==> flow/design.v <==
module core_shft #(
  parameter int W = 20,
  parameter int SBITS = $clog2(W)
) (
  input logic CLK,
  input logic [W-1:0] in_i,
  input logic [SBITS-1:0] dist_in_i,
  output logic [W-1:0] data_out_o
);
  logic [W-1:0] in_d1;
  logic [SBITS-1:0] dist_in_d1;
  always_ff @(posedge CLK) begin
    in_d1 <= in_i;
    dist_in_d1 <= dist_in_i;
  end
  logic [W-1:0] work;
  always_comb begin
    work = in_d1;
    for (int n = 0; n < SBITS; n++)
      if (dist_in_d1[n]) work = work >> (1 << n);
  end
  assign data_out_o = work;
endmodule
**Step by step through the tools: core_shft**

The steps from the RTL of core_shft to its reports follow in flow order.
Lines are those of the file above, counted from 1.
Operators carry their Yosys type and port widths (W data, S select, Z words).
The mark -- stands for no value.

- Design top: core_shft
- Clock input: CLK
- Library: sky130hd
- Corner: tt_025C_1v80

**Word level**

Yosys after proc, flatten, opt, wreduce and memory -nomap, before mapping. Enables and synchronous resets that opt folds into registers are not counted as muxes. Memory bits, and registers merged into a memory's read port (data or address), are not among the register bits. Print and check cells are not counted. Equal cells are merged and count once.

- Latch bits: 0
- Input port bits: 26
- Memory bits (read-only): 0
- RAM bits: 0
- Cells after elaboration: 7
- Clocked read ports x word width: 0
- Bits in registers: 25
- Memories kept: 0

- Muxes and demuxes: 5
- Magnitude comparators: 0
- Equal/unequal tests: 0
- Reduce/logical cells: 0
- Shifts and indexed selects: 0
- $add $sub $neg: 0
- Bitwise logic cells: 0
- $mul: 0
- Div/mod/pow operators: 0

Operator list:

| kind | number |
|---|---|
| $mux W20 | 5 |

**Longest topological paths**

Longest topological path by Yosys (ltp), each cell counted once; first at word level (registers and memories cut), then after technology mapping (sequential cells cut; the memories' decode and read muxes count).

- Depth in word-level cells: 5
- ABC_AREA: 0
- Mapped depth: 6

**Netlist**

Source: synth_stat.txt of the flow (Yosys; design flattened, memories mapped). It holds for the ABC_AREA given above (unset counts as 0); a run with the other value may have another netlist.
Totals and module areas in this step are rounded.

Cell types:

| cell | number |
|---|---|
| sky130_fd_sc_hd__dfxtp_1 | 25 |
| sky130_fd_sc_hd__mux4_2 | 10 |
| sky130_fd_sc_hd__mux2i_1 | 19 |
| sky130_fd_sc_hd__mux4_1 | 7 |
| sky130_fd_sc_hd__mux2_2 | 6 |
| sky130_fd_sc_hd__nor2_1 | 11 |
| sky130_fd_sc_hd__a211oi_1 | 5 |
| sky130_fd_sc_hd__o22ai_1 | 4 |
| sky130_fd_sc_hd__buf_4 | 3 |
| sky130_fd_sc_hd__buf_12 | 1 |
| sky130_fd_sc_hd__buf_2 | 4 |
| sky130_fd_sc_hd__nor3_1 | 4 |
| sky130_fd_sc_hd__nand2b_1 | 3 |
| sky130_fd_sc_hd__nor2b_1 | 3 |
| sky130_fd_sc_hd__or2_2 | 3 |
| sky130_fd_sc_hd__o311ai_1 | 2 |
| sky130_fd_sc_hd__a2111oi_2 | 1 |
| sky130_fd_sc_hd__or4b_4 | 1 |

Other cell types: 17; their cells: 23.

- Flip-flops: 25
- Standard cells after synthesis: 135
- Buffer cells: 12
- Chip area (Yosys): 1580 um^2

**Timing after synthesis**

OpenSTA on the mapped netlist: ideal clock, no wires. The path of least setup slack (recovery checks aside). Input and output delay are each 20% of the period. Register names are those of the netlist, which keeps one name where synthesis merged equal registers.

- Path type: register to output
- Start point: register dist_in_d1[1]
- End point: output data_out_o[0]
- Path delay: 1.530 ns
- Data arrival time: 1.530 ns
- External output delay: 0.478 ns
- Period: 2.39 ns
- Slack: 0.382 ns
- Driving pins on the path: 6
- Path buffers: 1
- Time at the first pin: 0.000 ns
- Period reached after synthesis: 2.008 ns

"path delay" is the arrival time less input delay plus setup time.
At an output port there is no setup time.
"driving pins on the path": output pins that drive a net of the path, with the launching flip-flop's if there is one; two outputs of one cell count as two.
"period reached after synthesis" is the clock period less the worst setup slack; recovery checks do not enter. This is arithmetic on one report: input and output delays are still those of the set period (20% each).
Between the ends stands the longest chain of elaborated cells between them, by number of cells; it is not shown to be the way that was timed. Of several equally long chains one is given.
A line is the first line of the expression or statement that the cell stems from. Yosys adds cells for indexed reads and writes and turns some case tables into memories.

- Path through: sky130_fd_sc_hd__dfxtp_1 sky130_fd_sc_hd__buf_6 sky130_fd_sc_hd__mux4_2 sky130_fd_sc_hd__mux2_2 sky130_fd_sc_hd__nand3_1 sky130_fd_sc_hd__o311ai_1
- Length of the longest elaborated chain: 4
- Elaborated cells between the ends (all ways): 4
- Source lines of those cells: 1

RTL lines, path after synthesis:

| what | line | source |
|---|---|---|
| from (decl) | 11 | `logic [SBITS-1:0] dist_in_d1;` |
| from (assign) | 14 | `dist_in_d1 <= dist_in_i;` |
| $mux W20 (4 in a row) | 20 | `if (dist_in_d1[n]) work = work >> (1 << n);` |
| to (decl) | 8 | `output logic [W-1:0] data_out_o` |

**Path in the finished layout**

From the final timing report of stored run 1: the path of least setup slack in the routed layout; clock arrival at registers is part of the times.

- Path type: register to output
- Start point: register dist_in_d1[1]
- End point: output data_out_o[3]
- Period: 2.39 ns
- Path buffers: 3
- Time at the first pin: 0.25 ns
- Data arrival time: 1.95 ns
- External output delay: 0.48 ns
- Slack: -0.04 ns
- Driving pins on the path: 8

Between the ends stands the longest chain of elaborated cells between them, by number of cells; it is not shown to be the way that was timed. Of several equally long chains one is given.

- Path through: sky130_fd_sc_hd__dfxtp_4 sky130_fd_sc_hd__buf_6 sky130_fd_sc_hd__buf_12 sky130_fd_sc_hd__mux4_2 sky130_fd_sc_hd__mux2_4 sky130_fd_sc_hd__o21ai_2 sky130_fd_sc_hd__o21ai_1 sky130_fd_sc_hd__buf_2
- Length of the longest elaborated chain: 4
- Elaborated cells between the ends (all ways): 4
- Source lines of those cells: 1

RTL lines, path after layout:

| what | line | source |
|---|---|---|
| from (decl) | 11 | `logic [SBITS-1:0] dist_in_d1;` |
| from (assign) | 14 | `dist_in_d1 <= dist_in_i;` |
| $mux W20 (4 in a row) | 20 | `if (dist_in_d1[n]) work = work >> (1 << n);` |
| to (decl) | 8 | `output logic [W-1:0] data_out_o` |

Wiki page: core_shft / flow data

core_shft through Yosys and OpenROAD on sky130hd: 3 stored runs, unordered, with their settings and measured results. The constraints put input and output delay at 20% of the set period each and load the outputs with 0.01 pF.
"reached clock period": clock period set for the run, less the worst setup slack. It is reckoned from that one timing run; input and output delays stay at 20% of the period that was set.
"worst path time" means the part of the period allowed to the worst setup path (the constraints hold back 20% at inputs and 20% at outputs) less its slack; where the path has registers, the arrival times of their clocks count too.
"total power of the final layout" is the tool's figure for a default switching activity; nothing was simulated.
The measured numbers are rounded.
A setting shown as . is not set for that run.
A result given as . is not shown for that run.

| setting or result | stored run 1 | stored run 2 | stored run 3 |
|---|---|---|---|
| period_ns | 2.39 | 2.32 | 1.18 |
| CAP_MARGIN | 20 | 20 | 20 |
| CORE_MARGIN | 2 | 2 | 2 |
| CORE_UTILIZATION | 40 | 40 | 66 |
| SLEW_MARGIN | 20 | 20 | 20 |
| PLACE_DENSITY_LB_ADDON | . | 0.23 | 0.18 |
| CORE_ASPECT_RATIO | . | 1.56 | . |
| CELL_PAD_IN_SITES_GLOBAL_PLACEMENT | . | 2 | 1 |
| CELL_PAD_IN_SITES_DETAIL_PLACEMENT | . | 2 | 1 |
| TNS_END_PERCENT | . | 75 | 65 |
| ABC_AREA | . | 1 | 0 |
| GPL_TIMING_DRIVEN | . | 0 | . |
| MIN_ROUTING_LAYER | . | met2 | . |
| GPL_ROUTABILITY_DRIVEN | . | . | 0 |
| CTS_CLUSTER_SIZE | . | . | 40 |
| CTS_CLUSTER_DIAMETER | . | . | 227 |
| total power of the final layout (µW) | 1070 | . | . |
| total negative slack (ns) | -0.098 | . | . |
| reached clock period (ns) | 2.432 | . | . |
| chip area in the Yosys report (um^2) | 1580 | . | . |
| standard-cell area of the final layout (um^2) | 2420 | . | . |
| die footprint (um^2) | 4480 | . | . |
| lowest hold slack (ns) | 0.643 | . | . |
| worst setup slack after layout (ns) | -0.042 | . | . |
| worst path time (ns) | 1.95 | . | . |
| worst setup path kind | register to output | . | . |
| final utilization (%) | 64.7 | . | . |

Stored run 2: no final report: placement broke off with FLW-0024
Stored run 3: no final report: placement broke off with FLW-0024
